==> flow/design.v <==
module dp_sum_block_p #(
    parameter int DATA_W = 4
) (
    input logic i_clk,
    input logic ce,
    input logic [DATA_W-1:0] opa,
    input logic [DATA_W-1:0] opb,
    output logic [DATA_W-1:0] res
);
    logic [DATA_W-1:0] opa_r;
    logic [DATA_W-1:0] opb_r;
    always_ff @(posedge i_clk) begin
        if (ce) begin
            opa_r <= opa;
            opb_r <= opb;
        end
    end
    logic [DATA_W:0] t;
    assign t = opa_r + opb_r;
    logic [DATA_W-1:0] res_r;
    always_ff @(posedge i_clk) begin
        if (ce) begin
            res_r <= t[DATA_W] ? {DATA_W{1'b1}} : t[DATA_W-1:0];
        end
    end
    assign res = res_r;
endmodule
Step by step through the tools: dp_sum_block_p
Tool output for the design above, in the order of the flow.
Lines are those of the file above, counted from 1.
Library cell names are shortened.
The mark - stands for no value.
Set-up
  design top: dp_sum_block_p
  clock port: i_clk
  library: sky130hd
  library corner: tt_025C_1v80

Elaborated design
Yosys after proc, flatten, opt, wreduce and memory -nomap, before mapping. Enables and synchronous resets that opt folds into registers are not counted as muxes. Memory bits, and registers merged into a memory's read port (data or address), are not among the register bits. Print and check cells are not counted. Equal cells are merged and count once.
Bit counts
  flip-flop bits (word level): 12
  input bits: 10
  output and inout port bits: 4
Operators by class
  add/subtract/negate cells: 1
Operators by type and width (count)
  adder 4 x 4 -> 5 bit: 1

Depth
Depth = most cells in a row (Yosys ltp): at word level without a register or memory, in the mapped netlist without a sequential cell, where the memories' decode and read muxes count.
Depth
  depth in word-level cells: 1
  ABC_AREA: 0
  depth in mapped cells: 6
  gate-level depth less buffers: 6

Synthesis result
The flow's flattened synthesis, as Yosys stat reports it; memories are mapped. The netlist is that of the ABC_AREA named above (0 if unset); the other value can give another one.
Synthesis totals
  cell count: 33
  synthesis area: 528.0 um2
  area of sequential cells: 360.3 um2
  mapped flip-flops: 12
  buffer cells: 0
Cell types
  edfxtp_1: count 12, area in all 360.346 um2
  ha_1: count 4, area in all 50.048 um2
  fa_1: count 1, area in all 20.019 um2
  inv_1: count 3, area in all 11.261 um2
  a2111oi_0: count 1, area in all 8.758 um2
  a2bb2oi_1: count 1, area in all 8.758 um2
  or3b_1: count 1, area in all 8.758 um2
  xnor2_1: count 1, area in all 8.758 um2
  a21o_1: count 1, area in all 7.507 um2
  nand3b_1: count 1, area in all 7.507 um2
  a31oi_1: count 1, area in all 6.256 um2
  nor2b_1: count 1, area in all 6.256 um2
  or2_2: count 1, area in all 6.256 um2
  nor3_1: count 1, area in all 5.005 um2
  o21ai_1: count 1, area in all 5.005 um2
  nand2_1: count 1, area in all 3.754 um2
  nor2_1: count 1, area in all 3.754 um2

Worst setup path after synthesis
Path of least setup slack by OpenSTA after synthesis, without wires, with an ideal clock, recovery checks aside; 20% of the period is set as input and as output delay. Where synthesis merged equal registers, the netlist keeps one of their names.
Timing path post-synthesis
  kind: flip-flop to flip-flop
  start: register opa_r[0]
  end: register res_r[2]
  period: 2.12 ns
  setup time: 0.262 ns
  launch time at the first pin: 0.000 ns
  arrival: 1.433 ns
  data required time: 1.858 ns
  slack: 0.425 ns
  delay of the path: 1.695 ns
  stages: 7
  path buffers: 0
  period reached after synthesis: 1.695 ns
"delay of the path" is the arrival time less input delay plus setup time.
"stages" counts driving pins, that of a launching flip-flop among them; a cell with two outputs on the path counts twice.
"period reached after synthesis" is the clock period less the worst setup slack; recovery checks do not enter. This is arithmetic on one report: input and output delays are still those of the set period (20% each).
Between the ends stands the longest chain of elaborated cells between them, by number of cells; it is not shown to be the way that was timed. Of several equally long chains one is given.
A line is the first line of the expression or statement that the cell stems from. Yosys adds cells for indexed reads and writes and turns some case tables into memories.
On the way, post-synthesis
  cell sequence: edfxtp_1 > ha_1 > inv_1 > fa_1 > xnor2_1 > a2bb2oi_1 > or2_2
  cells in the longest elaborated chain: 1
  elaborated cells between the ends (all ways): 1
  source lines of those cells: 1
Ends and longest elaborated chain, post-synthesis
  start: declaration: line 10  | logic [DATA_W-1:0] opa_r;
  start: assignment: line 14  | opa_r <= opa;
  adder 4 x 4 -> 5 bit: line 19  | assign t = opa_r + opb_r;
  end: assignment: line 23  | res_r <= t[DATA_W] ? {DATA_W{1'b1}} : t[DATA_W-1:0];
  end: declaration: line 20  | logic [DATA_W-1:0] res_r;

Timing after layout
From the final timing report of stored run 1: the path of least setup slack in the routed layout; clock arrival at registers is part of the times.
Timing path after layout
  kind: flip-flop to flip-flop
  start: register opb_r[0]
  end: register res_r[2]
  period: 1.22 ns
  setup time: 0.25 ns
  launch time at the first pin: 0.24 ns
  arrival: 1.66 ns
  data required time: 1.21 ns
  slack: -0.44 ns
  stages: 7
  path buffers: 0
Between the ends stands the longest chain of elaborated cells between them, by number of cells; it is not shown to be the way that was timed. Of several equally long chains one is given.
On the way, after layout
  cell sequence: edfxtp_1 > ha_2 > inv_2 > fa_2 > xnor2_1 > a2bb2oi_1 > or2_4
  cells in the longest elaborated chain: 1
  elaborated cells between the ends (all ways): 1
  source lines of those cells: 1
Ends and longest elaborated chain, after layout
  start: declaration: line 11  | logic [DATA_W-1:0] opb_r;
  start: assignment: line 15  | opb_r <= opb;
  adder 4 x 4 -> 5 bit: line 19  | assign t = opa_r + opb_r;
  end: assignment: line 23  | res_r <= t[DATA_W] ? {DATA_W{1'b1}} : t[DATA_W-1:0];
  end: declaration: line 20  | logic [DATA_W-1:0] res_r;

Subject: dp_sum_block_p on sky130hd, stored results

Hello all,

Measured data: module dp_sum_block_p, platform sky130hd, 3 stored runs of the flow under differing settings, order arbitrary. Input and output delays are each 20% of the period that was set; the output load is 0.01 pF.
"worst setup path time (ns)" is the time allowed to the run's worst setup path (the clock period less input and output delay, where it has them) less its slack. Clock arrival times count: a late capture clock shortens it, a late launch clock lengthens it.
"finish__power__total": no workload was simulated; the value follows from the tool's default switching activity.

settings of stored run 1
{
  "period_ns": 1.22,
  "CORE_UTILIZATION": 21,
  "PLACE_DENSITY_LB_ADDON": 0.06,
  "HOLD_SLACK_MARGIN": 0.09,
  "CORE_ASPECT_RATIO": 0.6,
  "CELL_PAD_IN_SITES_GLOBAL_PLACEMENT": 2,
  "CELL_PAD_IN_SITES_DETAIL_PLACEMENT": 0,
  "CTS_CLUSTER_DIAMETER": 119,
  "CAP_MARGIN": 25,
  "CORE_MARGIN": 2,
  "SLEW_MARGIN": 20
}
report of stored run 1
yosys chip area after synthesis (um^2): 528.0
finish__design__die__area: 2944.6
finish__design__instance__area__stdcell: 828.3
finish__design__instance__utilization: 0.3378
finish__timing__setup__ws: -0.445
finish__timing__hold__ws: 0.556
finish__power__total: 1.128e-03
worst setup path time (ns): 1.66
worst setup path kind: flip-flop to flip-flop

settings of stored run 2
{
  "period_ns": 2.12,
  "CAP_MARGIN": 20,
  "CORE_MARGIN": 2,
  "CORE_UTILIZATION": 40,
  "SLEW_MARGIN": 20
}
report of stored run 2
yosys chip area after synthesis (um^2): 528.0
finish__design__die__area: 1626.5
finish__design__instance__area__stdcell: 699.4
finish__design__instance__utilization: 0.5513
finish__timing__setup__ws: 0.342
finish__timing__hold__ws: 0.644
finish__power__total: 5.330e-04
worst setup path time (ns): 1.78
worst setup path kind: flip-flop to flip-flop

settings of stored run 3
{
  "period_ns": 1.14,
  "CORE_UTILIZATION": 24,
  "PLACE_DENSITY_LB_ADDON": 0.17,
  "TNS_END_PERCENT": 90,
  "GPL_TIMING_DRIVEN": 1,
  "GPL_ROUTABILITY_DRIVEN": 0,
  "CTS_CLUSTER_SIZE": 98,
  "CAP_MARGIN": 10,
  "SLEW_MARGIN": 30,
  "CORE_MARGIN": 2
}
report of stored run 3
yosys chip area after synthesis (um^2): 528.0
finish__design__die__area: 2591.3
finish__design__instance__area__stdcell: 788.3
finish__design__instance__utilization: 0.3899
finish__timing__setup__ws: -0.510
finish__timing__hold__ws: 0.515
finish__power__total: 1.056e-03
worst setup path time (ns): 1.65
worst setup path kind: flip-flop to flip-flop

Thanks
